==> flow/design.v <==
module cpu_sum_block #(
    parameter NBITS = 96
) (
    input wire clk_i,
    input wire [NBITS-1:0] i_x,
    input wire [NBITS-1:0] i_y,
    input wire i_cin,
    output wire [NBITS-1:0] o_sum,
    output wire o_co
);
    reg [NBITS-1:0] x_q;
    reg [NBITS-1:0] y_q;
    reg cin_q;
    always @(posedge clk_i) begin
        x_q <= i_x;
        y_q <= i_y;
        cin_q <= i_cin;
    end
    localparam NG = NBITS / 4;
    wire [NBITS-1:0] val;
    wire [NG:0] chain;
    assign chain[0] = cin_q;
    genvar gi;
    generate
        for (gi = 0; gi < NG; gi = gi + 1) begin : u_g
            la4 unit (.a(x_q[4*gi +: 4]), .b(y_q[4*gi +: 4]), .ci(chain[gi]), .s(val[4*gi +: 4]), .co(chain[gi+1]));
        end
    endgenerate
    assign o_sum = val;
    assign o_co = chain[NG];
endmodule
module la4 (
    input wire [3:0] a,
    input wire [3:0] b,
    input wire ci,
    output wire [3:0] s,
    output wire co
);
    wire [3:0] g = a & b;
    wire [3:0] p = a ^ b;
    wire c1 = g[0] | (p[0] & ci);
    wire c2 = g[1] | (p[1] & g[0]) | (p[1] & p[0] & ci);
    wire c3 = g[2] | (p[2] & g[1]) | (p[2] & p[1] & g[0]) | (p[2] & p[1] & p[0] & ci);
    assign co = g[3] | (p[3] & g[2]) | (p[3] & p[2] & g[1]) | (p[3] & p[2] & p[1] & g[0]) | (&p & ci);
    assign s = p ^ {c3, c2, c1, ci};
endmodule
# Reports on cpu_sum_block
# Tool output for the design above, in the order of the flow.
# Lines are those of the file above, counted from 1.
# Cell names lack the library's common part.
# The mark -- stands for no value.
# setup
top	cpu_sum_block
clk_port	clk_i
lib	sky130hd
corner	tt_025C_1v80

# Word-level counts
# Yosys after proc, flatten, opt, wreduce and memory -nomap, before mapping. Enables and synchronous resets that opt folds into registers are not counted as muxes. Memory bits, and registers merged into a memory's read port (data or address), are not among the register bits. Print and check cells are not counted. Equal cells are merged and count once.
# op_classes
logic	672
reduce_and_logical	24
# op_table
op	n
1-bit AND	360
1-bit OR	240
4-bit bitwise XOR	48
4-bit AND	24
4-bit AND reduction	24
# bits
ff_bits	193
input_bits	194
out_inout_bits	97

# Longest topological paths
# Longest topological path by Yosys (ltp), each cell counted once; first at word level (registers and memories cut), then after technology mapping (sequential cells cut; the memories' decode and read muxes count).
# depth
word_depth	53
abc_area	0
mapped_depth	13

# Mapped cells and area
# The flow's flattened synthesis, as Yosys stat reports it; memories are mapped. The netlist is that of the ABC_AREA named above (0 if unset); the other value can give another one.
# synth_totals
mapped_cells	705
mapped_area_mm2	0.0079877
flip_flops	193
# by_type
type	n
dfxtp_1	193
ha_1	96
fa_1	24
xor2_1	41
a21oi_1	62
xnor2_1	29
a21o_1	21
nand2_1	42
o21ai_0	27
nor2_1	31
inv_1	26
nand4_1	11
o21bai_1	9
nor3_1	9
o211ai_1	6
o21a_1	6
nand3_1	7
a31oi_1	5
# Not listed: further types 35, cells in them 60.
# The figures by module come from a second, unflattened synthesis with its own total; it is not the netlist above.
# hier_totals
cells_unflattened	601
hier_area_mm2	0.0074071
# Rows give one instance, submodules left out.
# modules
mod	n_inst	n_cells	mod_area_mm2	mod_seq_area_mm2
cpu_sum_block	1	193	0.0038637	0.0038637
la4	24	17	0.0001476	0

# Timing after synthesis
# Path of least setup slack by OpenSTA after synthesis, without wires, with an ideal clock, recovery checks aside; 20% of the period is set as input and as output delay. Where synthesis merged equal registers, the netlist keeps one of their names.
# synth_path
path_kind	register to output
startpoint	reg y_q[17]
endpoint	out o_sum[76]
tclk_ps	4730
t_arrival_ps	3026
path_slack_ps	758
path_delay_ps	3026
stages	13
period_less_setup_slack_ps	3972
# "path_delay_ps" is the arrival time less input delay plus setup time.
# A path that ends at an output port has no setup time.
# "stages" counts driving pins, that of a launching flip-flop among them; a cell with two outputs on the path counts twice.
# "period_less_setup_slack_ps" is the clock period less the worst setup slack; recovery checks do not enter. This is arithmetic on one report: input and output delays are still those of the set period (20% each).
# Between the ends stands the longest chain of elaborated cells between them, by number of cells; it is not shown to be the way that was timed. Of several equally long chains one is given.
# Each line given opens the expression or statement behind the cell; cells for indexed reads and writes are added by Yosys, which also makes memories of some case tables.
# synth_via
path_cell_list	dfxtp_1 ha_1 nand4_2 nor4_2 or4b_4 o22ai_4 o311ai_4 o21bai_2 a21oi_1 o21bai_1 inv_1 o21bai_1 fa_1
elab_chain_len	34
# synth_rtl
element	line_no	text
start: declaration	12	reg [NBITS-1:0] y_q;
start: assignment	16	y_q <= i_y;
4-bit AND	39	wire [3:0] g = a & b;
1-bit AND	44	assign co = g[3] | (p[3] & g[2]) | (p[3] & p[2] & g[1]) | (p[3] & p[2] & p[1] & g[0]) | (&p & ci);
1-bit OR (3 in a row)	44
1-bit AND	44
1-bit OR	44
1-bit AND	44
1-bit OR	44
[... 18 more ...]	--
1-bit AND	44
1-bit OR	44
1-bit AND	44
1-bit OR	44
1-bit AND	44
1-bit OR	44
4-bit bitwise XOR	45	assign s = p ^ {c3, c2, c1, ci};
end: declaration	8	output wire [NBITS-1:0] o_sum,

# Timing after layout
# From the final timing report of entry A: the path of least setup slack in the routed layout; clock arrival at registers is part of the times.
# The report prints the path's times to 10 ps; the period is as set.
# layout_path
path_kind	register to output
startpoint	reg x_q[11]
endpoint	out o_sum[69]
tclk_ps	4730
t_arrival_ps	3660
path_slack_ps	130
stages	16
# Between the ends stands the longest chain of elaborated cells between them, by number of cells; it is not shown to be the way that was timed. Of several equally long chains one is given.
# layout_via
path_cell_list	dfxtp_2 ha_4 nand4_1 buf_4 o22ai_4 a22oi_2 buf_6 a21oi_4 o311ai_4 buf_4 o21ai_4 a21oi_2 inv_1 fa_1 xor2_1 dlygate4sd2_1
elab_chain_len	37
# layout_rtl
element	line_no	text
start: declaration	11	reg [NBITS-1:0] x_q;
start: assignment	15	x_q <= i_x;
4-bit bitwise XOR	40	wire [3:0] p = a ^ b;
1-bit AND	44	assign co = g[3] | (p[3] & g[2]) | (p[3] & p[2] & g[1]) | (p[3] & p[2] & p[1] & g[0]) | (&p & ci);
1-bit OR (4 in a row)	44
1-bit AND	44
1-bit OR	44
1-bit AND	44
1-bit OR	44
[... 20 more ...]	--
1-bit AND	44
1-bit OR	44
1-bit AND	44
1-bit OR	44
1-bit AND	41	wire c1 = g[0] | (p[0] & ci);
1-bit OR	41
4-bit bitwise XOR	45	assign s = p ^ {c3, c2, c1, ci};
end: declaration	8	output wire [NBITS-1:0] o_sum,

Memo
Re: implementation data of cpu_sum_block

Settings and measured results of 3 stored flow runs for module cpu_sum_block (sky130hd), not sorted in any way. The constraints put input and output delay at 20% of the set period each and load the outputs with 0.01 pF.
"period_less_ws_ps" is the run's clock period less its worst setup slack. It is reckoned from that one timing run; input and output delays stay at 20% of the period that was set.
"worstPathTime_ps": the worst setup path's part of the clock period (all of it between registers, 20% less for each end at a port) less its slack. A launch clock that arrives late makes it longer, a capture clock that arrives late makes it shorter.
"fin_power_mw": no workload was simulated; the value follows from the tool's default switching activity.
"worstPathTime_ps" is known to 10 ps.

Entry A, flow files:
==> flow/run.sh <==
#!/bin/bash
# the make line also repeats the synthesis and layout settings of config.mk as NAME=value (left out here)
make -C /OpenROAD-flow-scripts/flow DESIGN_CONFIG=/design/flow/config.mk WORK_HOME=/design/flow/orfs CLKGATE_MAP_FILE= finish
==> flow/config.mk <==
export PLATFORM = sky130hd
export DESIGN_NAME = cpu_sum_block
export DESIGN_NICKNAME = cpu_sum_block
export VERILOG_FILES = /design/flow/design.v
export SDC_FILE = /design/flow/constraint.sdc
export NUM_CORES = 4
export LEC_CHECK = 0
export CAP_MARGIN = 20
export CORE_MARGIN = 2
export CORE_UTILIZATION = 40
export SLEW_MARGIN = 20
==> flow/constraint.sdc <==
create_clock -name core_clock -period 4.73 [get_ports {clk_i}]
set_input_delay 0.9460 -clock core_clock [delete_from_list [all_inputs] [get_ports {clk_i}]]
set_output_delay 0.9460 -clock core_clock [all_outputs]
set_load 0.01 [all_outputs]

==> results of entry A, as CSV <==
result,value
die_mm2,0.021115
fin_ws_ps,128
synthesis_area_mm2,0.0079877
worstPathTime_ps,3660
path_kind,"register to output"
period_less_ws_ps,4602
fin_power_mw,4.481
post_route_util_pct,64.2
final_stdcell_area_mm2,0.0125308

Entry B, flow files:
==> flow/run.sh <==
#!/bin/bash
# the make line also repeats the synthesis and layout settings of config.mk as NAME=value (left out here)
make -C /OpenROAD-flow-scripts/flow DESIGN_CONFIG=/design/flow/config.mk WORK_HOME=/design/flow/orfs CLKGATE_MAP_FILE= finish
==> flow/config.mk <==
export PLATFORM = sky130hd
export DESIGN_NAME = cpu_sum_block
export DESIGN_NICKNAME = cpu_sum_block
export VERILOG_FILES = /design/flow/design.v
export SDC_FILE = /design/flow/constraint.sdc
export NUM_CORES = 4
export LEC_CHECK = 0
export CAP_MARGIN = 20
export CELL_PAD_IN_SITES_GLOBAL_PLACEMENT = 0
export CORE_MARGIN = 4
export CORE_UTILIZATION = 60
export HOLD_SLACK_MARGIN = 0.11
export MIN_ROUTING_LAYER = met1
export PLACE_DENSITY_LB_ADDON = 0.15
export SETUP_SLACK_MARGIN = 0.64
export SLEW_MARGIN = 20
==> flow/constraint.sdc <==
create_clock -name core_clock -period 3.17 [get_ports {clk_i}]
set_input_delay 0.6340 -clock core_clock [delete_from_list [all_inputs] [get_ports {clk_i}]]
set_output_delay 0.6340 -clock core_clock [all_outputs]
set_load 0.01 [all_outputs]

Entry B: unfinished; error DPL-0038 in placement

Entry C, flow files:
==> flow/run.sh <==
#!/bin/bash
# the make line also repeats the synthesis and layout settings of config.mk as NAME=value (left out here)
make -C /OpenROAD-flow-scripts/flow DESIGN_CONFIG=/design/flow/config.mk WORK_HOME=/design/flow/orfs CLKGATE_MAP_FILE= finish
==> flow/config.mk <==
export PLATFORM = sky130hd
export DESIGN_NAME = cpu_sum_block
export DESIGN_NICKNAME = cpu_sum_block
export VERILOG_FILES = /design/flow/design.v
export SDC_FILE = /design/flow/constraint.sdc
export NUM_CORES = 4
export LEC_CHECK = 0
export ABC_AREA = 0
export CAP_MARGIN = 20
export CELL_PAD_IN_SITES_GLOBAL_PLACEMENT = 1
export CORE_MARGIN = 2
export CORE_UTILIZATION = 39
export HOLD_SLACK_MARGIN = -0.09
export MAX_ROUTING_LAYER = met4
export PLACE_DENSITY_LB_ADDON = 0.06
export SETUP_SLACK_MARGIN = 0.68
export SLEW_MARGIN = 35
export TNS_END_PERCENT = 85
==> flow/constraint.sdc <==
create_clock -name core_clock -period 3.19 [get_ports {clk_i}]
set_input_delay 0.6380 -clock core_clock [delete_from_list [all_inputs] [get_ports {clk_i}]]
set_output_delay 0.6380 -clock core_clock [all_outputs]
set_load 0.01 [all_outputs]

==> results of entry C, as CSV <==
result,value
die_mm2,0.0216414
fin_ws_ps,-1203
synthesis_area_mm2,0.0079877
worstPathTime_ps,3760
path_kind,"register to output"
period_less_ws_ps,4393
fin_power_mw,6.949
post_route_util_pct,70.2
final_stdcell_area_mm2,0.0141498
